==> flow/design.v <==
module sync_relation_top #(
  parameter DWIDTH = 14,
  parameter NUM = 20
) (
  input  logic sys_clk,
  input  logic RSTN,
  input  logic [NUM*DWIDTH-1:0] data,
  output logic [DWIDTH-1:0] hi
);
  logic [NUM*DWIDTH-1:0] data_d1;
  always_ff @(posedge sys_clk) begin
    if (!RSTN) begin
      data_d1 <= '0;
    end else begin
      data_d1 <= data;
    end
  end
  wire [DWIDTH-1:0] node [1:2*NUM-1];
  generate
    for (genvar gi = 0; gi < NUM; gi++) begin : row
      assign node[NUM+gi] = data_d1[gi*DWIDTH +: DWIDTH];
    end
    for (genvar gi = 1; gi < NUM; gi++) begin : each
      assign node[gi] = (node[2*gi] > node[2*gi+1]) ? node[2*gi] : node[2*gi+1];
    end
  endgenerate
  assign hi = node[1];
endmodule
=== Tool chain data of sync_relation_top ===
The steps from the RTL of sync_relation_top to its reports follow in flow order.
Line numbers count from 1 in the design file above.
Operators: Yosys type, input widths -> output width; for muxes data width and select width s.
Cell names lack the library's common part.
Not given: n/a

* Top module: sync_relation_top
* Clock input: sys_clk
* Library: sky130hd
* Timing corner: tt_025C_1v80

=== Word level ===
Yosys after proc, flatten, opt, wreduce and memory -nomap, before mapping. Enables and synchronous resets that opt folds into registers are not counted as muxes. Print and check cells are not counted. Equal cells are merged and count once.

* Bits of input ports: 282
* Word-level cells: 39
* Bits in registers: 280

* $lt $le $gt $ge: 19
* Muxes and demuxes: 19

{| class="wikitable"
|+ Operators with widths
! cell !! number
|-
| $gt 14x14->1 || 19
|-
| $mux 14 || 19
|}

=== Longest topological paths ===
Depth = most cells in a row (Yosys ltp): at word level without a register or memory, in the mapped netlist without a sequential cell, where the memories' decode and read muxes count.

* Depth in word-level cells: 10
* ABC_AREA: 0
* Gate-level depth with buffers: 64
* Mapped depth without buffers: 57

=== After synthesis ===
Yosys stat after the flow's synthesis: flattened, memories mapped to cells. It holds for the ABC_AREA given above (unset counts as 0); a run with the other value may have another netlist.

* Mapped flip-flops: 280
* Cell count: 1,980
* Cell area after synthesis: 17,606.9 um^2
* Sequential part of the area: 5,605.4 um^2

{| class="wikitable"
|+ Cell types
! cell !! number !! total area (um^2)
|-
| dfxtp_1 || 280 || 5.61E+03
|-
| ha_1 || 261 || 3.27E+03
|-
| mux2i_1 || 186 || 1.86E+03
|-
| and2_1 || 283 || 1.77E+03
|-
| inv_1 || 260 || 975.936
|-
| a21oi_1 || 109 || 545.523
|-
| o21ai_0 || 86 || 430.413
|-
| nand2_1 || 75 || 281.52
|-
| nand4_1 || 42 || 262.752
|-
| a21o_1 || 33 || 247.738
|-
| nor2b_1 || 39 || 243.984
|-
| clkbuf_1 || 62 || 232.723
|-
| mux2_2 || 19 || 213.955
|-
| nor2_1 || 56 || 210.202
|-
| nand2b_1 || 22 || 137.632
|-
| nor3_1 || 17 || 85.082
|-
| o31a_1 || 9 || 78.826
|-
| nor4_1 || 10 || 62.56
|}

Other cell types: 53; their cells: 131.

=== Path before layout ===
Path of least setup slack by OpenSTA after synthesis, without wires, with an ideal clock, recovery checks aside; 20% of the period is set as input and as output delay. Where synthesis merged equal registers, the netlist keeps one of their names.

* Path type: reg-to-output
* From: reg data_d1[189]
* To: out hi[12]
* Path delay: 11.072 ns
* Slack: 2.768 ns
* Time at the first pin: 0.000 ns
* Buffers on the path: 7
* Clock period: 17.3 ns
* Required time: 13.840 ns
* Arrival: 11.072 ns
* External output delay: 3.460 ns
* Stages: 57
* Period reached after synthesis: 14.532 ns

"path delay" = arrival - input delay + setup time.
A path that ends at an output port has no setup time.
"stages" counts driving pins, that of a launching flip-flop among them; a cell with two outputs on the path counts twice.
"period reached after synthesis" = period - worst setup slack (recovery checks aside). The figure is calculated, with input and output delays left at 20% of the set period.
The rows between start and end are the longest chain of elaborated cells between them; the timing report does not say that the signal goes this way. Where chains are equally long, one stands for them.
Each line given opens the expression or statement behind the cell; cells for indexed reads and writes are added by Yosys, which also makes memories of some case tables.

* Cells stage by stage: dfxtp_1 inv_1 ha_1 a21o_1 a21o_1 a21o_1 a21o_1 a221o_1 a21oi_1 clkbuf_1 mux2i_1 inv_1 ha_1 nand4_1 or2_2 a221oi_1 nor2_1 nor2_1 [... 21 more ...] clkbuf_1 clkbuf_1 clkbuf_1 o21bai_1 ha_1 a21o_1 a21oi_1 nor2b_1 o21ai_0 nand2b_1 a21oi_1 nor2b_1 o21ai_0 a21oi_1 nand2_1 clkbuf_1 nor4_1 nor3_1
* Length of the longest elaborated chain: 10

{| class="wikitable"
|+ Ends and longest elaborated chain, post-synthesis
! item !! line !! source
|-
| start: declaration || 10 || <nowiki>logic [NUM*DWIDTH-1:0] data_d1;</nowiki>
|-
| start: assignment || 13 || <nowiki>data_d1 <= '0;</nowiki>
|-
| start: assignment || 15 || <nowiki>data_d1 <= data;</nowiki>
|-
| $gt 14x14->1 || 24 || <nowiki>assign node[gi] = (node[2*gi] > node[2*gi+1]) ? node[2*gi] : node[2*gi+1];</nowiki>
|-
| $mux 14 || 24 ||
|-
| $gt 14x14->1 || 24 ||
|-
| $mux 14 || 24 ||
|-
| $gt 14x14->1 || 24 ||
|-
| $mux 14 || 24 ||
|-
| $gt 14x14->1 || 24 ||
|-
| $mux 14 || 24 ||
|-
| $gt 14x14->1 || 24 ||
|-
| $mux 14 || 24 ||
|-
| end: declaration || 8 || <nowiki>output logic [DWIDTH-1:0] hi</nowiki>
|}

=== Worst path after layout ===
From the final timing report of entry C: the path of least setup slack in the routed layout; clock arrival at registers is part of the times.

* Path type: reg-to-output
* From: reg data_d1[251]
* To: out hi[11]
* Time at the first pin: 0.59 ns
* External output delay: 3.46 ns
* Clock period: 17.3 ns
* Required time: 13.84 ns
* Arrival: 12.95 ns
* Stages: 53
* Buffers on the path: 3
* Slack: 0.89 ns

The rows between start and end are the longest chain of elaborated cells between them; the timing report does not say that the signal goes this way. Where chains are equally long, one stands for them.

* Cells stage by stage: dfxtp_1 inv_1 ha_1 nand2_2 nor4_4 o31ai_2 a22oi_4 mux2i_1 inv_1 ha_1 nand2_1 or3_1 or4_4 o211a_1 nor2_1 o21ai_0 ha_1 and2_1 [... 17 more ...] nand2_1 mux2i_1 o21bai_1 ha_1 a21o_1 a21oi_1 nor2b_1 o21ai_0 nand2b_1 a21oi_1 nor2b_1 o21ai_0 a21oi_1 buf_4 nand2_2 a211oi_1 nor3_1 clkdlybuf4s50_1
* Length of the longest elaborated chain: 10

{| class="wikitable"
|+ Ends and longest elaborated chain, post-layout
! item !! line !! source
|-
| start: declaration || 10 || <nowiki>logic [NUM*DWIDTH-1:0] data_d1;</nowiki>
|-
| start: assignment || 13 || <nowiki>data_d1 <= '0;</nowiki>
|-
| start: assignment || 15 || <nowiki>data_d1 <= data;</nowiki>
|-
| $gt 14x14->1 || 24 || <nowiki>assign node[gi] = (node[2*gi] > node[2*gi+1]) ? node[2*gi] : node[2*gi+1];</nowiki>
|-
| $mux 14 || 24 ||
|-
| $gt 14x14->1 || 24 ||
|-
| $mux 14 || 24 ||
|-
| $gt 14x14->1 || 24 ||
|-
| $mux 14 || 24 ||
|-
| $gt 14x14->1 || 24 ||
|-
| $mux 14 || 24 ||
|-
| $gt 14x14->1 || 24 ||
|-
| $mux 14 || 24 ||
|-
| end: declaration || 8 || <nowiki>output logic [DWIDTH-1:0] hi</nowiki>
|}

FLOW RESULTS
============

Measured data: module sync_relation_top, platform sky130hd, 3 stored runs of the flow under differing settings, order arbitrary. Input and output delays are each 20% of the period that was set; the output load is 0.01 pF.
By "achieved clock period" is meant the clock period of the run minus its worst setup slack. This is arithmetic on one report: input and output delays are still those of the set period (20% each).
"worst setup path time" means the part of the period allowed to the worst setup path (the constraints hold back 20% at inputs and 20% at outputs) less its slack; where the path has registers, the arrival times of their clocks count too.
"power": no workload was simulated; the value follows from the tool's default switching activity.

Entry A
==> flow/run.sh <==
#!/bin/bash
# the make line also repeats the synthesis and layout settings of config.mk as NAME=value (left out here)
make -C /OpenROAD-flow-scripts/flow DESIGN_CONFIG=/design/flow/config.mk WORK_HOME=/design/flow/orfs CLKGATE_MAP_FILE= finish
==> flow/config.mk <==
export PLATFORM = sky130hd
export DESIGN_NAME = sync_relation_top
export DESIGN_NICKNAME = sync_relation_top
export VERILOG_FILES = /design/flow/design.v
export SDC_FILE = /design/flow/constraint.sdc
export NUM_CORES = 4
export LEC_CHECK = 0
export ABC_AREA = 0
export CAP_MARGIN = 20
export CELL_PAD_IN_SITES_DETAIL_PLACEMENT = 2
export CORE_ASPECT_RATIO = 0.86
export CORE_MARGIN = 2
export CORE_UTILIZATION = 36
export CTS_CLUSTER_DIAMETER = 272
export MAX_ROUTING_LAYER = met5
export SLEW_MARGIN = 20
==> flow/constraint.sdc <==
create_clock -name core_clock -period 8.86 [get_ports {sys_clk}]
set_input_delay 1.7720 -clock core_clock [delete_from_list [all_inputs] [get_ports {sys_clk}]]
set_output_delay 1.7720 -clock core_clock [all_outputs]
set_load 0.01 [all_outputs]

==> results of entry A <==
did not finish, clock tree synthesis stopped with DPL-0033

Entry B
==> flow/run.sh <==
#!/bin/bash
# the make line also repeats the synthesis and layout settings of config.mk as NAME=value (left out here)
make -C /OpenROAD-flow-scripts/flow DESIGN_CONFIG=/design/flow/config.mk WORK_HOME=/design/flow/orfs CLKGATE_MAP_FILE= finish
==> flow/config.mk <==
export PLATFORM = sky130hd
export DESIGN_NAME = sync_relation_top
export DESIGN_NICKNAME = sync_relation_top
export VERILOG_FILES = /design/flow/design.v
export SDC_FILE = /design/flow/constraint.sdc
export NUM_CORES = 4
export LEC_CHECK = 0
export CAP_MARGIN = 20
export CELL_PAD_IN_SITES_GLOBAL_PLACEMENT = 2
export CORE_MARGIN = 2
export CORE_UTILIZATION = 57
export CTS_CLUSTER_DIAMETER = 85
export CTS_CLUSTER_SIZE = 68
export SETUP_SLACK_MARGIN = 2.16
export SLEW_MARGIN = 10
==> flow/constraint.sdc <==
create_clock -name core_clock -period 16.2 [get_ports {sys_clk}]
set_input_delay 3.2400 -clock core_clock [delete_from_list [all_inputs] [get_ports {sys_clk}]]
set_output_delay 3.2400 -clock core_clock [all_outputs]
set_load 0.01 [all_outputs]

==> results of entry B <==
did not finish, placement stopped with GPL-0301

Entry C
==> flow/run.sh <==
#!/bin/bash
# the make line also repeats the synthesis and layout settings of config.mk as NAME=value (left out here)
make -C /OpenROAD-flow-scripts/flow DESIGN_CONFIG=/design/flow/config.mk WORK_HOME=/design/flow/orfs CLKGATE_MAP_FILE= finish
==> flow/config.mk <==
export PLATFORM = sky130hd
export DESIGN_NAME = sync_relation_top
export DESIGN_NICKNAME = sync_relation_top
export VERILOG_FILES = /design/flow/design.v
export SDC_FILE = /design/flow/constraint.sdc
export NUM_CORES = 4
export LEC_CHECK = 0
export CAP_MARGIN = 20
export CORE_MARGIN = 2
export CORE_UTILIZATION = 40
export SLEW_MARGIN = 20
==> flow/constraint.sdc <==
create_clock -name core_clock -period 17.3 [get_ports {sys_clk}]
set_input_delay 3.4600 -clock core_clock [delete_from_list [all_inputs] [get_ports {sys_clk}]]
set_output_delay 3.4600 -clock core_clock [all_outputs]
set_load 0.01 [all_outputs]

==> results of entry C <==
chip area after synthesis (Yosys): 17,606.9 um^2
die area: 45,710.4 um^2
standard-cell area of the final layout: 22,267.6 um^2
utilization: 51.5%
worst setup slack after layout: 0.894 ns
total negative slack: 0.000 ns
worst hold slack: 3.447 ns
power: 3.139 mW
achieved clock period: 16.406 ns
worst setup path time: 12.95 ns
worst setup path kind: reg-to-output
